==> flow/design.v <==
module shifter (clk, rstn, val, by, dout);
    parameter DWIDTH = 80;
    localparam SBITS = $clog2(DWIDTH);
    input clk;
    input rstn;
    input [DWIDTH-1:0] val;
    input [SBITS-1:0] by;
    output [DWIDTH-1:0] dout;
    wire [DWIDTH-1:0] tree [0:SBITS];
    assign tree[0] = val;
    genvar gi;
    generate
        for (gi = 0; gi < SBITS; gi = gi + 1) begin : row
            assign tree[gi+1] = by[gi] ? tree[gi] << (1 << gi) : tree[gi];
        end
    endgenerate
    reg [DWIDTH-1:0] dout_q;
    always @(posedge clk or negedge rstn) begin
        if (!rstn) begin
            dout_q <= 0;
        end else begin
            dout_q <= tree[SBITS];
        end
    end
    assign dout = dout_q;
endmodule
# --- From RTL to reports: shifter ---
# Tool output for the design above, in the order of the flow.
# Line numbers count from 1 in the design file above.
# Library cell names are shortened.
inputs:
  design: "shifter"
  clock: "clk"
  library: "sky130hd"
  corner: "tt_025C_1v80"

# --- Word-level counts ---
# Counts by Yosys on the flattened word-level netlist (proc, flatten, opt, wreduce; memories kept). Register bits leave out memories and registers merged into their read ports (data or address); mux counts leave out enables and synchronous resets folded into registers. Print and check cells are left out. Cells with the same type and inputs are merged into one.
op_classes:
  muxes: 7
ops:
  columns: ["operator", "count"]
  rows:
  - ["80-bit two-way mux", 7]
bits:
  register_bits: 80
  inputBits: 89
  wordCells: 8

# --- Depth ---
# Yosys ltp: most cells in a row. Word level: on the elaborated netlist, between registers, memories and ports. Mapped: between sequential cells and ports; inverters and the memories' decode and read muxes count.
depth:
  depth_word: 7
  ABC_AREA: 0
  depth_mapped: 9
  ltp_nobuf: 5

# --- Netlist ---
# The flow's flattened synthesis, as Yosys stat reports it; memories are mapped. The netlist is that of the ABC_AREA named above (0 if unset); the other value can give another one.
# Totals and module areas in this step are rounded.
synth_totals:
  mapped_cells: 672
  area_um2: 7546
  ff_cells: 80
  n_buf: 62
by_type:
  columns: ["cell", "count"]
  rows:
  - ["dfrtp_1", 80]
  - ["mux4_2", 73]
  - ["mux2i_1", 74]
  - ["mux2_2", 59]
  - ["mux4_1", 14]
  - ["nor2_1", 63]
  - ["o22ai_1", 29]
  - ["nand2_1", 40]
  - ["a21oi_1", 27]
  - ["clkbuf_1", 27]
  - ["o211ai_1", 13]
  - ["o21ai_0", 14]
  - ["o22a_1", 8]
  - ["buf_2", 13]
  - ["o221ai_1", 7]
  - ["a22oi_1", 6]
  - ["buf_1", 12]
  - ["buf_6", 4]
# Other cell types: 41; their cells: 109.

# --- Path before layout ---
# OpenSTA on the mapped netlist: ideal clock, no wires. The path of least setup slack (recovery checks aside). Input and output delay are each 20% of the period. Register names are those of the netlist, which keeps one name where synthesis merged equal registers.
synth_path:
  path_type: "input to register"
  from: "input port by[1]"
  to: "register dout_q[78]"
  clock_period_ps: 3200
  input_delay_ps: 640
  launch_ps: 640
  t_arrival_ps: 2552
  path_slack_ps: 509
  path_delay_ps: 2051
  stages: 7
  path_buffers: 2
  period_less_setup_slack_ps: 2691
# "path_delay_ps" = arrival - input delay + setup time.
# "stages" counts driving pins, that of a launching flip-flop among them; a cell with two outputs on the path counts twice.
# "period_less_setup_slack_ps" = period - worst setup slack (recovery checks aside). The figure is calculated, with input and output delays left at 20% of the set period.
# Between the ends stands the longest chain of elaborated cells between them, by number of cells; it is not shown to be the way that was timed. Of several equally long chains one is given.
# A line is the first line of the expression or statement that the cell stems from. Yosys adds cells for indexed reads and writes and turns some case tables into memories.
synth_via:
  path_cell_list: "buf_2 -> buf_1 -> mux4_2 -> mux2_2 -> mux2i_1 -> nor2_1 -> or4_1"
  elab_chain_cells: 6
synth_rtl:
  columns: ["element", "line_no", "text"]
  rows:
  - ["start, declared", 7, "input [SBITS-1:0] by;"]
  - ["80-bit two-way mux (6 in a row)", 14, "assign tree[gi+1] = by[gi] ? tree[gi] << (1 << gi) : tree[gi];"]
  - ["end, assigned", 20, "dout_q <= 0;"]
  - ["end, assigned", 22, "dout_q <= tree[SBITS];"]
  - ["end, declared", 17, "reg [DWIDTH-1:0] dout_q;"]

# --- Timing after layout ---
# From the final timing report of run 1: the path of least setup slack in the routed layout; clock arrival at registers is part of the times.
# The report prints the path's times to 10 ps; the period is as set.
layout_path:
  path_type: "input to register"
  from: "input port by[0]"
  to: "register dout_q[74]"
  clock_period_ps: 3700
  input_delay_ps: 740
  launch_ps: 740
  t_arrival_ps: 3320
  path_slack_ps: 550
  stages: 7
  path_buffers: 2
# Between the ends stands the longest chain of elaborated cells between them, by number of cells; it is not shown to be the way that was timed. Of several equally long chains one is given.
layout_via:
  path_cell_list: "buf_4 -> buf_4 -> mux4_2 -> mux2_2 -> mux2i_1 -> a2bb2oi_1 -> o211ai_1"
  elab_chain_cells: 7
layout_rtl:
  columns: ["element", "line_no", "text"]
  rows:
  - ["start, declared", 7, "input [SBITS-1:0] by;"]
  - ["80-bit two-way mux (7 in a row)", 14, "assign tree[gi+1] = by[gi] ? tree[gi] << (1 << gi) : tree[gi];"]
  - ["end, assigned", 20, "dout_q <= 0;"]
  - ["end, assigned", 22, "dout_q <= tree[SBITS];"]
  - ["end, declared", 17, "reg [DWIDTH-1:0] dout_q;"]

# Settings and measured results of 3 stored flow runs for module shifter (sky130hd), not sorted in any way. The constraints put input and output delay at 20% of the set period each and load the outputs with 0.01 pF.
# "timing.achieved_period_ps" = clock period - worst setup slack. The figure is calculated, with input and output delays left at 20% of the set period.
# By "worstPathTime_ps" is meant the share of the clock period that the worst setup path is allowed (20% is reserved at inputs, 20% at outputs), minus its slack. Clock arrival times at its registers enter into it.
# "total_power_mw": no workload was simulated; the value follows from the tool's default switching activity.
# "worstPathTime_ps" is given in steps of 10 ps.
# Results are given in rounded form.
runs:
  - name: "run 1"
    settings:
      period_ns: 3.7
      CORE_UTILIZATION: 58
      PLACE_DENSITY_LB_ADDON: 0.22
      CORE_ASPECT_RATIO: 1.02
      TNS_END_PERCENT: 95
      GPL_TIMING_DRIVEN: 1
      GPL_ROUTABILITY_DRIVEN: 0
      CAP_MARGIN: 5
      CORE_MARGIN: 2
      SLEW_MARGIN: 20
    results:
      setup_ws_ps: 550
      final_stdcell_area_um2: 9741
      timing.achieved_period_ps: 3150
      total_power_mw: 3.103
      utilization_pct: 76.0
      tns_ps: 0
      design_die_area_um2: 13940
      yosys.chip_area_um2: 7546
      worstPathTime_ps: 2410
      path_kind: "input to register"
  - name: "run 2"
    settings:
      period_ns: 3.2
      CAP_MARGIN: 20
      CORE_MARGIN: 2
      CORE_UTILIZATION: 40
      SLEW_MARGIN: 20
    results:
      total_power_mw: 3.919
      utilization_pct: 55.3
      setup_ws_ps: 329
      final_stdcell_area_um2: 10280
      timing.achieved_period_ps: 2871
      worstPathTime_ps: 2230
      path_kind: "input to register"
      yosys.chip_area_um2: 7546
      design_die_area_um2: 19980
      tns_ps: 0
  - name: "run 3"
    settings:
      period_ns: 1.61
      CORE_UTILIZATION: 43
      PLACE_DENSITY_LB_ADDON: 0.3
      CORE_ASPECT_RATIO: 1.1
      GPL_ROUTABILITY_DRIVEN: 1
      CTS_CLUSTER_SIZE: 26
      SLEW_MARGIN: 5
      CAP_MARGIN: 20
      CORE_MARGIN: 2
    results:
      worstPathTime_ps: 1930
      path_kind: "input to register"
      tns_ps: -26640
      yosys.chip_area_um2: 7546
      total_power_mw: 9.357
      final_stdcell_area_um2: 13470
      setup_ws_ps: -647
      utilization_pct: 78.8
      timing.achieved_period_ps: 2257
      design_die_area_um2: 18630
